==> flow/design.v <==
module summer_stage #(
    parameter integer DW = 4
) (
    input clk,
    input valid,
    input [DW-1:0] i_u,
    input [DW-1:0] i_v,
    output reg [DW:0] o_o
);
    reg [DW-1:0] r_u;
    reg [DW-1:0] r_v;
    always @(posedge clk) begin
        if (valid) begin
            r_u <= i_u;
            r_v <= i_v;
        end
    end
    localparam LO_W = DW / 2;
    reg [LO_W:0] r_lo;
    reg [DW-LO_W-1:0] r_u_hi;
    reg [DW-LO_W-1:0] r_v_hi;
    always @(posedge clk) begin
        if (valid) begin
            r_lo <= r_u[LO_W-1:0] + r_v[LO_W-1:0];
            r_u_hi <= r_u[DW-1:LO_W];
            r_v_hi <= r_v[DW-1:LO_W];
        end
    end
    wire [DW-LO_W:0] msb = r_u_hi + r_v_hi + r_lo[LO_W];
    always @(posedge clk) begin
        if (valid) begin
            o_o <= {msb, r_lo[LO_W-1:0]};
        end
    end
endmodule
# Step by step through the tools: summer_stage
# What the tools print for summer_stage, step after step.
# Line numbers count from 1 in the design file above.
# Operators: Yosys type, input widths -> output width; for muxes data width and select width s.
# Cell names lack the library's common part.
# A cell with - has no value.
# design
top_module	summer_stage
clock_port	clk
lib	sky130hd
lib_corner	tt_025C_1v80

# Word-level counts
# Counts by Yosys on the flattened word-level netlist (proc, flatten, opt, wreduce; memories kept). Register bits leave out memories and registers merged into their read ports (data or address); mux counts leave out enables and synchronous resets folded into registers. Print and check cells are left out. Cells with the same type and inputs are merged into one.
# word_totals
inputBits	10
word_cells	9
reg_bits	20
output_inout_bits	5
# classes
n_addsub	3
# op_table
operator	count
$add 2x2->3	2
$add 3x1->3	1

# Longest topological paths
# Longest topological path by Yosys (ltp), each cell counted once; first at word level (registers and memories cut), then after technology mapping (sequential cells cut; the memories' decode and read muxes count).
# depth
depth_word	2
ABC_AREA	0
depth_mapped	4
depth_no_buf	4

# Mapped cells and area
# Source: synth_stat.txt of the flow (Yosys; design flattened, memories mapped). It holds for the ABC_AREA given above (unset counts as 0); a run with the other value may have another netlist.
# Totals and module areas in this step are rounded.
# by_type
cell_type	count	type_area_um2
edfxtp_1	20	600.576
fa_1	3	60.058
inv_1	13	48.797
ha_1	1	12.512
# synth_totals
ffs	20
buf_cells	0
sequential_area_mm2	0.000601
cell_count	37
mapped_area_mm2	0.000722

# Timing after synthesis
# OpenSTA on the mapped netlist: ideal clock, no wires. The path of least setup slack (recovery checks aside). Input and output delay are each 20% of the period. Register names are those of the netlist, which keeps one name where synthesis merged equal registers.
# synth_path
kind	flip-flop to flip-flop
start	register r_lo[2]
end	register o_o[3]
path_slack_ns	0.383
required_ns	1.660
stages	5
launch_ns	0.000
path_buffers	0
clock_period_ns	1.91
t_arrival_ns	1.277
setup_time_ns	0.250
path_delay_ns	1.527
synth_period_reached_ns	1.527
# "path_delay_ns" = arrival - input delay + setup time.
# "stages" counts driving pins, that of a launching flip-flop among them; a cell with two outputs on the path counts twice.
# "synth_period_reached_ns" is the clock period less the worst setup slack; recovery checks do not enter. This is arithmetic on one report: input and output delays are still those of the set period (20% each).
# Between the ends stands the longest chain of elaborated cells between them, by number of cells; it is not shown to be the way that was timed. Of several equally long chains one is given.
# Each line given opens the expression or statement behind the cell; cells for indexed reads and writes are added by Yosys, which also makes memories of some case tables.
# synth_via
cell_sequence	edfxtp_1 > inv_1 > fa_1 > fa_1 > inv_1
elab_chain_len	1
cone_cells	1
lines_between	1
cone_classes	add/sub: 1
# synth_lines
item	line_no	text
from (decl)	19	reg [LO_W:0] r_lo;
from (assign)	24	r_lo <= r_u[LO_W-1:0] + r_v[LO_W-1:0];
$add 3x1->3	29	wire [DW-LO_W:0] msb = r_u_hi + r_v_hi + r_lo[LO_W];
to (assign)	32	o_o <= {msb, r_lo[LO_W-1:0]};
to (decl)	8	output reg [DW:0] o_o

# Path in the finished layout
# Path of least setup slack in the final report of entry A (OpenROAD, finished layout, wires in). Where an end is a register, its clock arrival counts in the times.
# layout_path
kind	flip-flop to flip-flop
start	register r_v_hi[0]
end	register o_o[3]
setup_time_ns	0.22
path_slack_ns	-0.39
path_buffers	0
t_arrival_ns	1.57
launch_ns	0.29
required_ns	1.18
stages	5
clock_period_ns	1.12
# Between the ends stands the longest chain of elaborated cells between them, by number of cells; it is not shown to be the way that was timed. Of several equally long chains one is given.
# layout_via
cell_sequence	edfxtp_1 > inv_2 > fa_2 > fa_1 > inv_1
elab_chain_len	2
cone_cells	2
lines_between	1
cone_classes	add/sub: 2
# layout_lines
item	line_no	text
from (decl)	21	reg [DW-LO_W-1:0] r_v_hi;
from (assign)	26	r_v_hi <= r_v[DW-1:LO_W];
$add 2x2->3	29	wire [DW-LO_W:0] msb = r_u_hi + r_v_hi + r_lo[LO_W];
$add 3x1->3	29
to (assign)	32	o_o <= {msb, r_lo[LO_W-1:0]};
to (decl)	8	output reg [DW:0] o_o

# Stored flow runs of summer_stage (3 of them; Yosys, OpenROAD, sky130hd). They differ in their settings and are not a sequence. Constraints: input delay and output delay 20% of the set period each, output load 0.01 pF.
# By "achievedPeriod_ns" is meant the clock period of the run minus its worst setup slack. This is arithmetic on one report: input and output delays are still those of the set period (20% each).
# "worstPathTime_ns" = time allowed to the worst setup path (clock period - input delay - output delay, where it has them) - its slack; a late launch clock adds to it, a late capture clock takes from it.
# "final_power_uw": no workload was simulated; the value follows from the tool's default switching activity.
# The results are shown rounded.
# Settings: -- = not set for that run.
run name	period_ns	CORE_UTILIZATION	PLACE_DENSITY_LB_ADDON	CELL_PAD_IN_SITES_GLOBAL_PLACEMENT	ABC_AREA	GPL_TIMING_DRIVEN	GPL_ROUTABILITY_DRIVEN	CTS_CLUSTER_DIAMETER	MAX_ROUTING_LAYER	CAP_MARGIN	CORE_MARGIN	SLEW_MARGIN	TNS_END_PERCENT	ws_hold_ns	worstPathTime_ns	worstPathKind	worstSetupSlack_ns	achievedPeriod_ns	final_setup_tns_ns	final_stdcell_area_mm2	dieArea_mm2	final_power_uw	synth_chip_area_mm2	layout_utilization_pct
entry A	1.12	42	0.22	0	0	0	1	94	met5	20	2	20	--	0.428	1.51	flip-flop to flip-flop	-0.393	1.513	-0.861	0.00089	0.00207	1380	0.000722	57.1
entry B	1.91	40	--	--	--	--	--	--	--	20	2	20	--	0.430	1.63	flip-flop to flip-flop	0.285	1.625	0.000	0.000961	0.00216	964	0.000722	56.3
entry C	1.09	32	--	--	--	1	1	--	met4	20	2	20	5	0.428	1.51	flip-flop to flip-flop	-0.417	1.507	-0.903	0.000916	0.00265	1410	0.000722	42.2
